==> flow/design.v <==
module sync_barrel #(
  parameter integer WIDTH = 96,
  parameter integer SBITS = $clog2(WIDTH)
) (
  input wire i_clk,
  input wire [WIDTH-1:0] d_i,
  input wire [SBITS-1:0] shamt_i,
  output reg [WIDTH-1:0] res_o
);
  wire [WIDTH-1:0] node [0:SBITS];
  assign node[0] = d_i;
  genvar ii;
  generate
    for (ii = 0; ii < SBITS; ii = ii + 1) begin : row
      assign node[ii+1] = shamt_i[ii] ? (node[ii] << (1 << ii)) | (node[ii] >> (WIDTH - (1 << ii))) : node[ii];
    end
  endgenerate
  always @(posedge i_clk) begin
    res_o <= node[SBITS];
  end
endmodule
* From RTL to reports: sync_barrel *
The steps from the RTL of sync_barrel to its reports follow in flow order.
Line numbers count from 1 in the design file above.
Library cell names are shortened.
A cell with n/a has no value.

design
  top module = sync_barrel
  clock input = i_clk
  library = sky130hd
  library corner = tt_025C_1v80

* After elaboration *
Counts by Yosys on the flattened word-level netlist (proc, flatten, opt, wreduce; memories kept). Register bits leave out memories and registers merged into their read ports (data or address); mux counts leave out enables and synchronous resets folded into registers. Print and check cells are left out. Cells with the same type and inputs are merged into one.

storage and ports
  register bits = 96
  input port bits = 104
  output and inout port bits = 96

operators by class
  mux-type cells = 7
  bitwise operators = 7

operator list
  operator                                        count
  96-bit two-way mux                              7
  96-bit by 1-bit bitwise OR with 96-bit output   1
  96-bit by 16-bit bitwise OR with 96-bit output  1
  96-bit by 2-bit bitwise OR with 96-bit output   1
  96-bit by 32-bit bitwise OR with 96-bit output  1
  96-bit by 4-bit bitwise OR with 96-bit output   1
  96-bit by 64-bit bitwise OR with 96-bit output  1
  96-bit by 8-bit bitwise OR with 96-bit output   1

* Logic depth *
Depth = most cells in a row (Yosys ltp): at word level without a register or memory, in the mapped netlist without a sequential cell, where the memories' decode and read muxes count.

depth
  word-level depth = 14
  ABC_AREA = 0
  mapped depth = 7
  gate-level depth less buffers = 4

* Mapped cells and area *
Yosys stat after the flow's synthesis: flattened, memories mapped to cells. It holds for the ABC_AREA given above (unset counts as 0); a run with the other value may have another netlist.
Totals and module areas in this step are rounded.

synthesis totals
  cells in the netlist = 557
  chip area (Yosys) = 9830 um2
  mapped flip-flops = 96
  buffer cells = 77

cells by type
  cell      count
  mux4_2    288
  dfxtp_1   96
  mux2_2    96
  clkbuf_1  54
  buf_6     5
  buf_2     9
  buf_1     9

* Path before layout *
Path of least setup slack by OpenSTA after synthesis, without wires, with an ideal clock, recovery checks aside; 20% of the period is set as input and as output delay. Where synthesis merged equal registers, the netlist keeps one of their names.

timing path post-synthesis
  kind = input port to flip-flop
  start point = input shamt_i[3]
  end point = register res_o[29]
  period = 3.89 ns
  external input delay = 0.778 ns
  library setup time = 0.121 ns
  launch time at the first pin = 0.778 ns
  data arrival time = 3.146 ns
  setup slack = 0.623 ns
  path delay = 2.489 ns
  driving pins on the path = 7
  period reached after synthesis = 3.267 ns

"path delay" = arrival - input delay + setup time.
"driving pins on the path" counts driving pins, that of a launching flip-flop among them; a cell with two outputs on the path counts twice.
"period reached after synthesis" is the clock period less the worst setup slack; recovery checks do not enter. This is arithmetic on one report: input and output delays are still those of the set period (20% each).
The rows between start and end are the longest chain of elaborated cells between them; the timing report does not say that the signal goes this way. Where chains are equally long, one stands for them.
Each line given opens the expression or statement behind the cell; cells for indexed reads and writes are added by Yosys, which also makes memories of some case tables.

between the ends, post-synthesis
  path through = clkbuf_1 > buf_2 > buf_1 > mux4_2 > mux4_2 > mux4_2 > mux2_2
  length of the longest elaborated chain = 7
  elaborated cells between the ends (all ways) = 7
  RTL lines with such cells = 1
  classes of those cells = mux (4); logic (3)

ends and longest elaborated chain, post-synthesis
  element                                         line  source
  start: declaration                              7     input wire [SBITS-1:0] shamt_i,
  96-bit two-way mux                              15    assign node[ii+1] = shamt_i[ii] ? (node[ii] << (1 << ii)) | (node[ii] >> (WIDTH - (1 << ii))) : node[ii];
  96-bit by 16-bit bitwise OR with 96-bit output  15
  96-bit two-way mux                              15
  96-bit by 32-bit bitwise OR with 96-bit output  15
  96-bit two-way mux                              15
  96-bit by 64-bit bitwise OR with 96-bit output  15
  96-bit two-way mux                              15
  end: assignment                                 19    res_o <= node[SBITS];
  end: declaration                                8     output reg [WIDTH-1:0] res_o

* Path in the finished layout *
Path of least setup slack in the final report of flow run A (OpenROAD, finished layout, wires in). Where an end is a register, its clock arrival counts in the times.

timing path after layout
  kind = input port to flip-flop
  start point = input shamt_i[0]
  end point = register res_o[78]
  period = 2.98 ns
  external input delay = 0.60 ns
  library setup time = 0.11 ns
  launch time at the first pin = 0.60 ns
  data arrival time = 3.00 ns
  setup slack = 0.23 ns
  driving pins on the path = 7

The rows between start and end are the longest chain of elaborated cells between them; the timing report does not say that the signal goes this way. Where chains are equally long, one stands for them.

between the ends, after layout
  path through = buf_12 > buf_16 > clkbuf_16 > mux4_2 > mux4_2 > mux4_2 > mux2_4
  length of the longest elaborated chain = 13
  elaborated cells between the ends (all ways) = 13
  RTL lines with such cells = 1
  classes of those cells = mux (7); logic (6)

ends and longest elaborated chain, after layout
  element                                         line  source
  start: declaration                              7     input wire [SBITS-1:0] shamt_i,
  96-bit two-way mux                              15    assign node[ii+1] = shamt_i[ii] ? (node[ii] << (1 << ii)) | (node[ii] >> (WIDTH - (1 << ii))) : node[ii];
  96-bit by 2-bit bitwise OR with 96-bit output   15
  96-bit two-way mux                              15
  96-bit by 4-bit bitwise OR with 96-bit output   15
  96-bit two-way mux                              15
  96-bit by 8-bit bitwise OR with 96-bit output   15
  96-bit two-way mux                              15
  96-bit by 16-bit bitwise OR with 96-bit output  15
  96-bit two-way mux                              15
  96-bit by 32-bit bitwise OR with 96-bit output  15
  96-bit two-way mux                              15
  96-bit by 64-bit bitwise OR with 96-bit output  15
  96-bit two-way mux                              15
  end: assignment                                 19    res_o <= node[SBITS];
  end: declaration                                8     output reg [WIDTH-1:0] res_o

3 stored runs of sync_barrel in the flow (synthesis by Yosys, layout by OpenROAD, sky130hd cells), in arbitrary order. Constraints: input delay and output delay 20% of the set period each, output load 0.01 pF.
"clock period achieved" is the run's clock period less its worst setup slack. It is reckoned from that one timing run; input and output delays stay at 20% of the period that was set.
"allowed time less slack (worst setup path)" is the time allowed to the run's worst setup path (the clock period less input and output delay, where it has them) less its slack. Clock arrival times count: a late capture clock shortens it, a late launch clock lengthens it.
"power consumption" rests on the timing tool's default activity at the inputs, not on a simulated workload.
The measured numbers are rounded.
A setting shown as - is not set for that run.

item                                             flow run A               flow run B               flow run C
period_ns                                        2.98                     5.56                     3.89
CORE_UTILIZATION                                 51                       29                       40
SETUP_SLACK_MARGIN                               0.45                     0.63                     -
PLACE_DENSITY                                    0.67                     -                        -
ABC_AREA                                         0                        0                        -
GPL_TIMING_DRIVEN                                0                        -                        -
GPL_ROUTABILITY_DRIVEN                           0                        -                        -
SLEW_MARGIN                                      25                       20                       20
MAX_ROUTING_LAYER                                met5                     met4                     -
CAP_MARGIN                                       20                       20                       20
CORE_MARGIN                                      2                        5                        2
HOLD_SLACK_MARGIN                                -                        0.06                     -
CELL_PAD_IN_SITES_GLOBAL_PLACEMENT               -                        1                        -
TNS_END_PERCENT                                  -                        75                       -
CTS_CLUSTER_DIAMETER                             -                        96                       -
chip area in the Yosys report (um2)              9830                     9830                     9830
overall die area (um2)                           20400                    37700                    25800
standard-cell area after routing (um2)           12800                    12400                    12400
utilization after layout (%)                     67.9                     37.1                     51.3
setup slack of the worst path (ns)               0.232                    1.83                     0.770
setup TNS (ns)                                   0.000                    0.000                    0.000
worst hold slack (ns)                            1.00                     1.36                     0.992
power consumption (mW)                           6.12                     3.22                     4.61
clock period achieved (ns)                       2.748                    3.728                    3.120
allowed time less slack (worst setup path) (ns)  2.15                     2.62                     2.34
kind of the worst setup path                     input port to flip-flop  input port to flip-flop  input port to flip-flop
